==> flow/design.v <==
module aligner_v2 #(
    parameter int DATA_W = 80,
    parameter int SW = $clog2(DATA_W)
) (
    input  logic clock,
    input  logic aresetn,
    input  logic [DATA_W-1:0] in,
    input  logic [SW-1:0] sh,
    output logic [DATA_W-1:0] z_o
);
    always_ff @(posedge clock or negedge aresetn) begin
        if (!aresetn) begin
            z_o <= '0;
        end else begin
            z_o <= in << sh;
        end
    end
endmodule
# ---- Reports on aligner_v2
# Tool output for the design above, in the order of the flow.
# Lines are those of the file above, counted from 1.
# Operators: Yosys type, input widths -> output width; for muxes data width and select width s.
# A cell with n/a has no value.
dict set report setup {
  design {aligner_v2}
  clock_port {clock}
  lib {sky130hd}
  pvt_corner {tt_025C_1v80}
}

# ---- After elaboration
# Yosys after proc, flatten, opt, wreduce and memory -nomap, before mapping. Enables and synchronous resets that opt folds into registers are not counted as muxes. Memory bits, and registers merged into a memory's read port (data or address), are not among the register bits. Print and check cells are not counted. Equal cells are merged and count once.
dict set report bits {
  ff_bits 80
  inputBits 89
  output_inout_bits 80
}
dict set report classes {
  shifts 1
}
# cell n
set op_table {}
lappend op_table {{$shl 80x7->80} 1}

# ---- Longest topological paths
# Depth = most cells in a row (Yosys ltp): at word level without a register or memory, in the mapped netlist without a sequential cell, where the memories' decode and read muxes count.
dict set report depth {
  word_depth 1
  ABC_AREA 0
  depth_mapped 9
  mapped_depth_nobuf 5
}

# ---- Netlist
# The flow's flattened synthesis, as Yosys stat reports it; memories are mapped. The netlist is that of the ABC_AREA named above (0 if unset); the other value can give another one.
# cell n
set types {}
lappend types {sky130_fd_sc_hd__dfrtp_1 80}
lappend types {sky130_fd_sc_hd__mux4_2 80}
lappend types {sky130_fd_sc_hd__mux2i_1 98}
lappend types {sky130_fd_sc_hd__mux2_2 35}
lappend types {sky130_fd_sc_hd__o22ai_1 47}
lappend types {sky130_fd_sc_hd__nand2_1 64}
lappend types {sky130_fd_sc_hd__nor2_1 60}
lappend types {sky130_fd_sc_hd__clkbuf_1 38}
lappend types {sky130_fd_sc_hd__a21oi_1 21}
lappend types {sky130_fd_sc_hd__o22a_1 12}
lappend types {sky130_fd_sc_hd__buf_12 5}
lappend types {sky130_fd_sc_hd__o21ai_0 19}
lappend types {sky130_fd_sc_hd__a221oi_1 10}
lappend types {sky130_fd_sc_hd__o211ai_1 11}
lappend types {sky130_fd_sc_hd__a211oi_1 9}
lappend types {sky130_fd_sc_hd__a22oi_1 9}
lappend types {sky130_fd_sc_hd__o221ai_1 7}
lappend types {sky130_fd_sc_hd__buf_2 12}
# Not listed: further types 42, cells in them 136.
dict set report mapped {
  cells 753
  yosys_area_um2 7913.8
  seqArea_um2 2001.9
  ffs 80
  buffers 70
}

# ---- Path before layout
# OpenSTA on the mapped netlist: ideal clock, no wires. The path of least setup slack (recovery checks aside). Input and output delay are each 20% of the period. Register names are those of the netlist, which keeps one name where synthesis merged equal registers.
dict set report synth_timing {
  path_kind {input-to-reg}
  startpoint {input sh[0]}
  endpoint {register z_o[79]}
  period_ps 3060
  setup_time_ps 138
  launch_ps 612
  arrival_ps 2434
  path_slack_ps 487
  path_delay_ps 1960
  path_stages 7
  path_buffers 2
  period_less_setup_slack_ps 2573
}
# "path_delay_ps" is the arrival time less input delay plus setup time.
# "path_stages": output pins that drive a net of the path, with the launching flip-flop's if there is one; two outputs of one cell count as two.
# "period_less_setup_slack_ps" is the clock period less the worst setup slack; recovery checks do not enter. This is arithmetic on one report: input and output delays are still those of the set period (20% each).
# The rows between start and end are the longest chain of elaborated cells between them; the timing report does not say that the signal goes this way. Where chains are equally long, one stands for them.
# A line is the first line of the expression or statement that the cell stems from. Yosys adds cells for indexed reads and writes and turns some case tables into memories.
dict set report synth_via {
  path_cell_list {sky130_fd_sc_hd__buf_6 -> sky130_fd_sc_hd__buf_12 -> sky130_fd_sc_hd__mux4_2 -> sky130_fd_sc_hd__mux2_4 -> sky130_fd_sc_hd__mux2i_4 -> sky130_fd_sc_hd__o22ai_1 -> sky130_fd_sc_hd__or4b_1}
  elab_chain_cells 1
  cone_cells 1
  cone_lines 1
}
# item line_no
set synth_lines {}
lappend synth_lines {{start, declared} 8} ;# input  logic [SW-1:0] sh,
lappend synth_lines {{$shl 80x7->80} 15} ;# z_o <= in << sh;
lappend synth_lines {{end, assigned} 13} ;# z_o <= '0;
lappend synth_lines {{end, assigned} 15}
lappend synth_lines {{end, declared} 9} ;# output logic [DATA_W-1:0] z_o

# ---- Path in the finished layout
# Path of least setup slack in the final report of entry A (OpenROAD, finished layout, wires in). Where an end is a register, its clock arrival counts in the times.
# The path's times are printed in steps of 10 ps; the period is the one set.
dict set report layout_timing {
  path_kind {input-to-reg}
  startpoint {input sh[2]}
  endpoint {register z_o[62]}
  period_ps 4520
  setup_time_ps 160
  launch_ps 900
  arrival_ps 4510
  path_slack_ps 200
  path_stages 7
  path_buffers 3
}
# The rows between start and end are the longest chain of elaborated cells between them; the timing report does not say that the signal goes this way. Where chains are equally long, one stands for them.
dict set report layout_via {
  path_cell_list {sky130_fd_sc_hd__clkdlybuf4s50_1 -> sky130_fd_sc_hd__clkbuf_1 -> sky130_fd_sc_hd__buf_1 -> sky130_fd_sc_hd__mux2i_1 -> sky130_fd_sc_hd__o22ai_1 -> sky130_fd_sc_hd__nor3_1 -> sky130_fd_sc_hd__o21ai_0}
  elab_chain_cells 1
  cone_cells 1
  cone_lines 1
}
# item line_no
set layout_lines {}
lappend layout_lines {{start, declared} 8} ;# input  logic [SW-1:0] sh,
lappend layout_lines {{$shl 80x7->80} 15} ;# z_o <= in << sh;
lappend layout_lines {{end, assigned} 13} ;# z_o <= '0;
lappend layout_lines {{end, assigned} 15}
lappend layout_lines {{end, declared} 9} ;# output logic [DATA_W-1:0] z_o

# Flow runs of aligner_v2

Stored flow runs of aligner_v2 (3 of them; Yosys, OpenROAD, sky130hd). They differ in their settings and are not a sequence. Constraints: input delay and output delay 20% of the set period each, output load 0.01 pF.
By "achievedPeriod_ps" is meant the clock period of the run minus its worst setup slack. This is arithmetic on one report: input and output delays are still those of the set period (20% each).
"worst_path_allowed_less_slack_ps" is the time allowed to the run's worst setup path (the clock period less input and output delay, where it has them) less its slack. Clock arrival times count: a late capture clock shortens it, a late launch clock lengthens it.
"worst_path_allowed_less_slack_ps" is given in steps of 10 ps.

[flow] entry A: files
==> flow/run.sh <==
#!/bin/bash
# the make line also repeats the synthesis and layout settings of config.mk as NAME=value (left out here)
make -C /OpenROAD-flow-scripts/flow DESIGN_CONFIG=/design/flow/config.mk WORK_HOME=/design/flow/orfs CLKGATE_MAP_FILE= finish
==> flow/config.mk <==
export PLATFORM = sky130hd
export DESIGN_NAME = aligner_v2
export DESIGN_NICKNAME = aligner_v2
export VERILOG_FILES = /design/flow/design.v
export SDC_FILE = /design/flow/constraint.sdc
export NUM_CORES = 4
export LEC_CHECK = 0
export CAP_MARGIN = 20
export CELL_PAD_IN_SITES_DETAIL_PLACEMENT = 2
export CELL_PAD_IN_SITES_GLOBAL_PLACEMENT = 2
export CORE_MARGIN = 2
export CORE_UTILIZATION = 38
export GPL_ROUTABILITY_DRIVEN = 0
export GPL_TIMING_DRIVEN = 0
export PLACE_DENSITY_LB_ADDON = 0.1
export SETUP_SLACK_MARGIN = -0.37
export SLEW_MARGIN = 40
export TNS_END_PERCENT = 75
==> flow/constraint.sdc <==
create_clock -name core_clock -period 4.52 [get_ports {clock}]
set_input_delay 0.9040 -clock core_clock [delete_from_list [all_inputs] [get_ports {clock}]]
set_output_delay 0.9040 -clock core_clock [all_outputs]
set_load 0.01 [all_outputs]

[flow] entry A: metrics
[metrics] final_util_pct = 50.4
[metrics] design.die.area_um2 = 21995.9
[metrics] cell_area_final_um2 = 10259.8
[metrics] setup_ws_ps = 198
[metrics] total_negative_slack_ps = 0
[metrics] worst_path_allowed_less_slack_ps = 3420
[metrics] worst_setup_path_type = input-to-reg
[metrics] yosys_chip_area_um2 = 7913.8
[metrics] achievedPeriod_ps = 4322

[flow] entry B: files
==> flow/run.sh <==
#!/bin/bash
# the make line also repeats the synthesis and layout settings of config.mk as NAME=value (left out here)
make -C /OpenROAD-flow-scripts/flow DESIGN_CONFIG=/design/flow/config.mk WORK_HOME=/design/flow/orfs CLKGATE_MAP_FILE= finish
==> flow/config.mk <==
export PLATFORM = sky130hd
export DESIGN_NAME = aligner_v2
export DESIGN_NICKNAME = aligner_v2
export VERILOG_FILES = /design/flow/design.v
export SDC_FILE = /design/flow/constraint.sdc
export NUM_CORES = 4
export LEC_CHECK = 0
export CAP_MARGIN = 20
export CORE_MARGIN = 2
export CORE_UTILIZATION = 40
export SLEW_MARGIN = 20
==> flow/constraint.sdc <==
create_clock -name core_clock -period 3.06 [get_ports {clock}]
set_input_delay 0.6120 -clock core_clock [delete_from_list [all_inputs] [get_ports {clock}]]
set_output_delay 0.6120 -clock core_clock [all_outputs]
set_load 0.01 [all_outputs]

[flow] entry B: metrics
[metrics] final_util_pct = 57.6
[metrics] design.die.area_um2 = 20925.1
[metrics] cell_area_final_um2 = 11209.5
[metrics] setup_ws_ps = 110
[metrics] total_negative_slack_ps = 0
[metrics] worst_path_allowed_less_slack_ps = 2340
[metrics] worst_setup_path_type = input-to-reg
[metrics] yosys_chip_area_um2 = 7913.8
[metrics] achievedPeriod_ps = 2950

[flow] entry C: files
==> flow/run.sh <==
#!/bin/bash
# the make line also repeats the synthesis and layout settings of config.mk as NAME=value (left out here)
make -C /OpenROAD-flow-scripts/flow DESIGN_CONFIG=/design/flow/config.mk WORK_HOME=/design/flow/orfs CLKGATE_MAP_FILE= finish
==> flow/config.mk <==
export PLATFORM = sky130hd
export DESIGN_NAME = aligner_v2
export DESIGN_NICKNAME = aligner_v2
export VERILOG_FILES = /design/flow/design.v
export SDC_FILE = /design/flow/constraint.sdc
export NUM_CORES = 4
export LEC_CHECK = 0
export ABC_AREA = 0
export CAP_MARGIN = 20
export CELL_PAD_IN_SITES_GLOBAL_PLACEMENT = 0
export CORE_ASPECT_RATIO = 0.53
export CORE_MARGIN = 5
export CORE_UTILIZATION = 72
export CTS_CLUSTER_DIAMETER = 326
export GPL_ROUTABILITY_DRIVEN = 0
export GPL_TIMING_DRIVEN = 0
export HOLD_SLACK_MARGIN = 0.04
export MIN_ROUTING_LAYER = met1
export PLACE_DENSITY_LB_ADDON = 0.2
export SLEW_MARGIN = 20
export TNS_END_PERCENT = 50
==> flow/constraint.sdc <==
create_clock -name core_clock -period 2.21 [get_ports {clock}]
set_input_delay 0.4420 -clock core_clock [delete_from_list [all_inputs] [get_ports {clock}]]
set_output_delay 0.4420 -clock core_clock [all_outputs]
set_load 0.01 [all_outputs]

[flow] entry C: unfinished; error FLW-0024 in placement
